==> flow/design.v <==
module alu_add_unit_top #(
    parameter XLEN = 40,
    parameter N = 3,
    parameter RW = XLEN + $clog2(N)
) (
    input  wire i_clk,
    input  wire [N*XLEN-1:0] in_din,
    output wire [RW-1:0] out_out
);
    reg [N*XLEN-1:0] din_reg;
    always @(posedge i_clk) begin
        din_reg <= in_din;
    end
    reg [RW-1:0] work;
    integer k;
    always @(*) begin
        work = 0;
        for (k = 0; k < N; k = k + 1)
            work = work + din_reg[k*XLEN +: XLEN];
    end
    assign out_out = work;
endmodule
Step by step through the tools: alu_add_unit_top
The steps from the RTL of alu_add_unit_top to its reports follow in flow order.
Lines are those of the file above, counted from 1.
Operators carry their Yosys type and port widths (W data, S select, Z words).
{"block": "design", "top": "alu_add_unit_top", "clk_port": "i_clk", "cell_library": "sky130hd", "corner": "tt_025C_1v80"}

Elaborated design
Counts by Yosys on the flattened word-level netlist (proc, flatten, opt, wreduce; memories kept). Register bits leave out memories and registers merged into their read ports (data or address); mux counts leave out enables and synchronous resets folded into registers. Print and check cells are left out. Cells with the same type and inputs are merged into one.
{"block": "bits", "ff_bits": 120, "output_inout_bits": 42, "word_cells": 3}
{"block": "op_classes", "add_sub_neg": 2}
{"block": "op_table", "operator": "$add A41 B40 Y42", "count": 1}
{"block": "op_table", "operator": "$add A40 B40 Y41", "count": 1}

Longest topological paths
Longest topological path by Yosys (ltp), each cell counted once; first at word level (registers and memories cut), then after technology mapping (sequential cells cut; the memories' decode and read muxes count).
{"block": "depth", "ltp_word": 2, "ABC_AREA": 0, "mapped_depth": 13}

After synthesis
Source: synth_stat.txt of the flow (Yosys; design flattened, memories mapped). It holds for the ABC_AREA given above (unset counts as 0); a run with the other value may have another netlist.
{"block": "synth_totals", "cell_count": 507, "mapped_area_um2": 5585.4, "seq_area_um2": 2402.3, "ffs": 120, "buffers": 16}
{"block": "types", "cell": "sky130_fd_sc_hd__dfxtp_1", "count": 120, "area_total_um2": 2.4E+03}
{"block": "types", "cell": "sky130_fd_sc_hd__fa_1", "count": 41, "area_total_um2": 820.787}
{"block": "types", "cell": "sky130_fd_sc_hd__ha_1", "count": 39, "area_total_um2": 487.968}
{"block": "types", "cell": "sky130_fd_sc_hd__a21oi_1", "count": 44, "area_total_um2": 220.211}
{"block": "types", "cell": "sky130_fd_sc_hd__xnor2_1", "count": 25, "area_total_um2": 218.96}
{"block": "types", "cell": "sky130_fd_sc_hd__a21o_1", "count": 22, "area_total_um2": 165.158}
{"block": "types", "cell": "sky130_fd_sc_hd__nand2_1", "count": 28, "area_total_um2": 105.101}
{"block": "types", "cell": "sky130_fd_sc_hd__o21bai_1", "count": 13, "area_total_um2": 97.594}
{"block": "types", "cell": "sky130_fd_sc_hd__xor2_1", "count": 10, "area_total_um2": 87.584}
{"block": "types", "cell": "sky130_fd_sc_hd__o21ai_0", "count": 16, "area_total_um2": 80.077}
{"block": "types", "cell": "sky130_fd_sc_hd__nand4_1", "count": 11, "area_total_um2": 68.816}
{"block": "types", "cell": "sky130_fd_sc_hd__nor2_1", "count": 18, "area_total_um2": 67.565}
{"block": "types", "cell": "sky130_fd_sc_hd__nand3_1", "count": 12, "area_total_um2": 60.058}
{"block": "types", "cell": "sky130_fd_sc_hd__clkbuf_1", "count": 15, "area_total_um2": 56.304}
{"block": "types", "cell": "sky130_fd_sc_hd__inv_1", "count": 15, "area_total_um2": 56.304}
{"block": "types", "cell": "sky130_fd_sc_hd__a211oi_1", "count": 6, "area_total_um2": 45.043}
{"block": "types", "cell": "sky130_fd_sc_hd__o21a_1", "count": 6, "area_total_um2": 45.043}
{"block": "types", "cell": "sky130_fd_sc_hd__nor3_1", "count": 7, "area_total_um2": 35.034}
Not listed: further types 34, cells in them 59.

Path before layout
OpenSTA on the mapped netlist: ideal clock, no wires. The path of least setup slack (recovery checks aside). Input and output delay are each 20% of the period. Register names are those of the netlist, which keeps one name where synthesis merged equal registers.
{"block": "synth_path", "path_type": "register to output", "start": "register din_reg[1]", "end": "output out_out[37]", "tclk_ns": 4.82, "out_delay_ns": 0.964, "launch_ns": 0.000, "arrival_ns": 3.083, "required_time_ns": 3.856, "path_slack_ns": 0.773, "path_delay_ns": 3.083, "path_stages": 12, "path_buffers": 0, "synth_period_reached_ns": 4.047}
"path_delay_ns" is the arrival time less input delay plus setup time.
A path that ends at an output port has no setup time.
"path_stages" counts driving pins, that of a launching flip-flop among them; a cell with two outputs on the path counts twice.
"synth_period_reached_ns" is the clock period less the worst setup slack; recovery checks do not enter. This is arithmetic on one report: input and output delays are still those of the set period (20% each).
The rows between start and end are the longest chain of elaborated cells between them; the timing report does not say that the signal goes this way. Where chains are equally long, one stands for them.
A line is the first line of the expression or statement that the cell stems from. Yosys adds cells for indexed reads and writes and turns some case tables into memories.
{"block": "synth_between", "path_cell_list": "sky130_fd_sc_hd__dfxtp_1 sky130_fd_sc_hd__fa_1 sky130_fd_sc_hd__ha_1 sky130_fd_sc_hd__fa_1 sky130_fd_sc_hd__a211oi_1 sky130_fd_sc_hd__o21ai_1 sky130_fd_sc_hd__a21oi_1 sky130_fd_sc_hd__nor2b_1 sky130_fd_sc_hd__a21oi_2 sky130_fd_sc_hd__o31ai_2 sky130_fd_sc_hd__nor2b_1 sky130_fd_sc_hd__nor4_1", "elab_chain_cells": 2}
{"block": "synth_lines", "element": "start: declaration", "line_no": 10, "rtl": "reg [N*XLEN-1:0] din_reg;"}
{"block": "synth_lines", "element": "start: assignment", "line_no": 12, "rtl": "din_reg <= in_din;"}
{"block": "synth_lines", "element": "$add A40 B40 Y41", "line_no": 19, "rtl": "work = work + din_reg[k*XLEN +: XLEN];"}
{"block": "synth_lines", "element": "$add A41 B40 Y42", "line_no": 19}
{"block": "synth_lines", "element": "end: declaration", "line_no": 8, "rtl": "output wire [RW-1:0] out_out"}

Worst path after layout
From the final timing report of record 2: the path of least setup slack in the routed layout; clock arrival at registers is part of the times.
{"block": "layout_path", "path_type": "register to output", "start": "register din_reg[2]", "end": "output out_out[18]", "tclk_ns": 5.25, "out_delay_ns": 1.05, "launch_ns": 0.43, "arrival_ns": 4.00, "required_time_ns": 4.20, "path_slack_ns": 0.20, "path_stages": 12, "path_buffers": 2}
The rows between start and end are the longest chain of elaborated cells between them; the timing report does not say that the signal goes this way. Where chains are equally long, one stands for them.
{"block": "layout_between", "path_cell_list": "sky130_fd_sc_hd__dfxtp_1 sky130_fd_sc_hd__fa_1 sky130_fd_sc_hd__ha_1 sky130_fd_sc_hd__a21o_1 sky130_fd_sc_hd__a41o_1 sky130_fd_sc_hd__nand3b_1 sky130_fd_sc_hd__a311oi_2 sky130_fd_sc_hd__buf_4 sky130_fd_sc_hd__nor2_1 sky130_fd_sc_hd__a31oi_1 sky130_fd_sc_hd__xnor2_1 sky130_fd_sc_hd__clkdlybuf4s50_1", "elab_chain_cells": 2}
{"block": "layout_lines", "element": "start: declaration", "line_no": 10, "rtl": "reg [N*XLEN-1:0] din_reg;"}
{"block": "layout_lines", "element": "start: assignment", "line_no": 12, "rtl": "din_reg <= in_din;"}
{"block": "layout_lines", "element": "$add A40 B40 Y41", "line_no": 19, "rtl": "work = work + din_reg[k*XLEN +: XLEN];"}
{"block": "layout_lines", "element": "$add A41 B40 Y42", "line_no": 19}
{"block": "layout_lines", "element": "end: declaration", "line_no": 8, "rtl": "output wire [RW-1:0] out_out"}

Hand-over note for alu_add_unit_top

Module alu_add_unit_top, platform sky130hd: 3 stored runs of the flow (Yosys, OpenROAD) with differing settings, in no particular order. Input and output delays are each 20% of the period that was set; the output load is 0.01 pF.
"clock_period_reached_ns": clock period set for the run, less the worst setup slack. It is reckoned from that one timing run; input and output delays stay at 20% of the period that was set.
"worstPathTime_ns" means the part of the period allowed to the worst setup path (the constraints hold back 20% at inputs and 20% at outputs) less its slack; where the path has registers, the arrival times of their clocks count too.
"power_mw" is the tool's figure for a default switching activity; nothing was simulated.

Record 1
==> flow/run.sh <==
#!/bin/bash
# the make line also repeats the synthesis and layout settings of config.mk as NAME=value (left out here)
make -C /OpenROAD-flow-scripts/flow DESIGN_CONFIG=/design/flow/config.mk WORK_HOME=/design/flow/orfs CLKGATE_MAP_FILE= finish
==> flow/config.mk <==
export PLATFORM = sky130hd
export DESIGN_NAME = alu_add_unit_top
export DESIGN_NICKNAME = alu_add_unit_top
export VERILOG_FILES = /design/flow/design.v
export SDC_FILE = /design/flow/constraint.sdc
export NUM_CORES = 4
export LEC_CHECK = 0
export CAP_MARGIN = 0
export CORE_MARGIN = 8
export CORE_UTILIZATION = 69
export GPL_ROUTABILITY_DRIVEN = 1
export GPL_TIMING_DRIVEN = 1
export MAX_ROUTING_LAYER = met4
export PLACE_DENSITY_LB_ADDON = 0.15
export SLEW_MARGIN = 20
==> flow/constraint.sdc <==
create_clock -name core_clock -period 6.11 [get_ports {i_clk}]
set_input_delay 1.2220 -clock core_clock [delete_from_list [all_inputs] [get_ports {i_clk}]]
set_output_delay 1.2220 -clock core_clock [all_outputs]
set_load 0.01 [all_outputs]

==> results of record 1, as JSON <==
{
  "outcome": "no final report: clock tree synthesis broke off with DPL-0033"
}

Record 2
==> flow/run.sh <==
#!/bin/bash
# the make line also repeats the synthesis and layout settings of config.mk as NAME=value (left out here)
make -C /OpenROAD-flow-scripts/flow DESIGN_CONFIG=/design/flow/config.mk WORK_HOME=/design/flow/orfs CLKGATE_MAP_FILE= finish
==> flow/config.mk <==
export PLATFORM = sky130hd
export DESIGN_NAME = alu_add_unit_top
export DESIGN_NICKNAME = alu_add_unit_top
export VERILOG_FILES = /design/flow/design.v
export SDC_FILE = /design/flow/constraint.sdc
export NUM_CORES = 4
export LEC_CHECK = 0
export CAP_MARGIN = 25
export CELL_PAD_IN_SITES_GLOBAL_PLACEMENT = 2
export CORE_ASPECT_RATIO = 0.55
export CORE_MARGIN = 2
export CORE_UTILIZATION = 26
export CTS_CLUSTER_DIAMETER = 203
export MIN_ROUTING_LAYER = met1
export PLACE_DENSITY_LB_ADDON = 0.27
export SETUP_SLACK_MARGIN = 0.04
export SLEW_MARGIN = 15
export TNS_END_PERCENT = 80
==> flow/constraint.sdc <==
create_clock -name core_clock -period 5.25 [get_ports {i_clk}]
set_input_delay 1.0500 -clock core_clock [delete_from_list [all_inputs] [get_ports {i_clk}]]
set_output_delay 1.0500 -clock core_clock [all_outputs]
set_load 0.01 [all_outputs]

==> results of record 2, as JSON <==
{
  "synthArea_um2": 5585.4,
  "die_footprint_um2": 22723.7,
  "tns_ns": 0.000,
  "ws_setup_ns": 0.199,
  "worstPathTime_ns": 4.00,
  "critical_path_type": "register to output",
  "cell_area_final_um2": 8359.3,
  "util_pct": 40.0,
  "power_mw": 3.727,
  "clock_period_reached_ns": 5.051,
  "ws_hold_ns": 1.050
}

Record 3
==> flow/run.sh <==
#!/bin/bash
# the make line also repeats the synthesis and layout settings of config.mk as NAME=value (left out here)
make -C /OpenROAD-flow-scripts/flow DESIGN_CONFIG=/design/flow/config.mk WORK_HOME=/design/flow/orfs CLKGATE_MAP_FILE= finish
==> flow/config.mk <==
export PLATFORM = sky130hd
export DESIGN_NAME = alu_add_unit_top
export DESIGN_NICKNAME = alu_add_unit_top
export VERILOG_FILES = /design/flow/design.v
export SDC_FILE = /design/flow/constraint.sdc
export NUM_CORES = 4
export LEC_CHECK = 0
export CAP_MARGIN = 20
export CORE_MARGIN = 2
export CORE_UTILIZATION = 40
export SLEW_MARGIN = 20
==> flow/constraint.sdc <==
create_clock -name core_clock -period 4.82 [get_ports {i_clk}]
set_input_delay 0.9640 -clock core_clock [delete_from_list [all_inputs] [get_ports {i_clk}]]
set_output_delay 0.9640 -clock core_clock [all_outputs]
set_load 0.01 [all_outputs]

==> results of record 3, as JSON <==
{
  "synthArea_um2": 5585.4,
  "die_footprint_um2": 14924.3,
  "tns_ns": 0.000,
  "ws_setup_ns": 0.130,
  "worstPathTime_ns": 3.73,
  "critical_path_type": "register to output",
  "cell_area_final_um2": 8197.9,
  "util_pct": 59.5,
  "power_mw": 3.815,
  "clock_period_reached_ns": 4.690,
  "ws_hold_ns": 0.981
}

End of note.
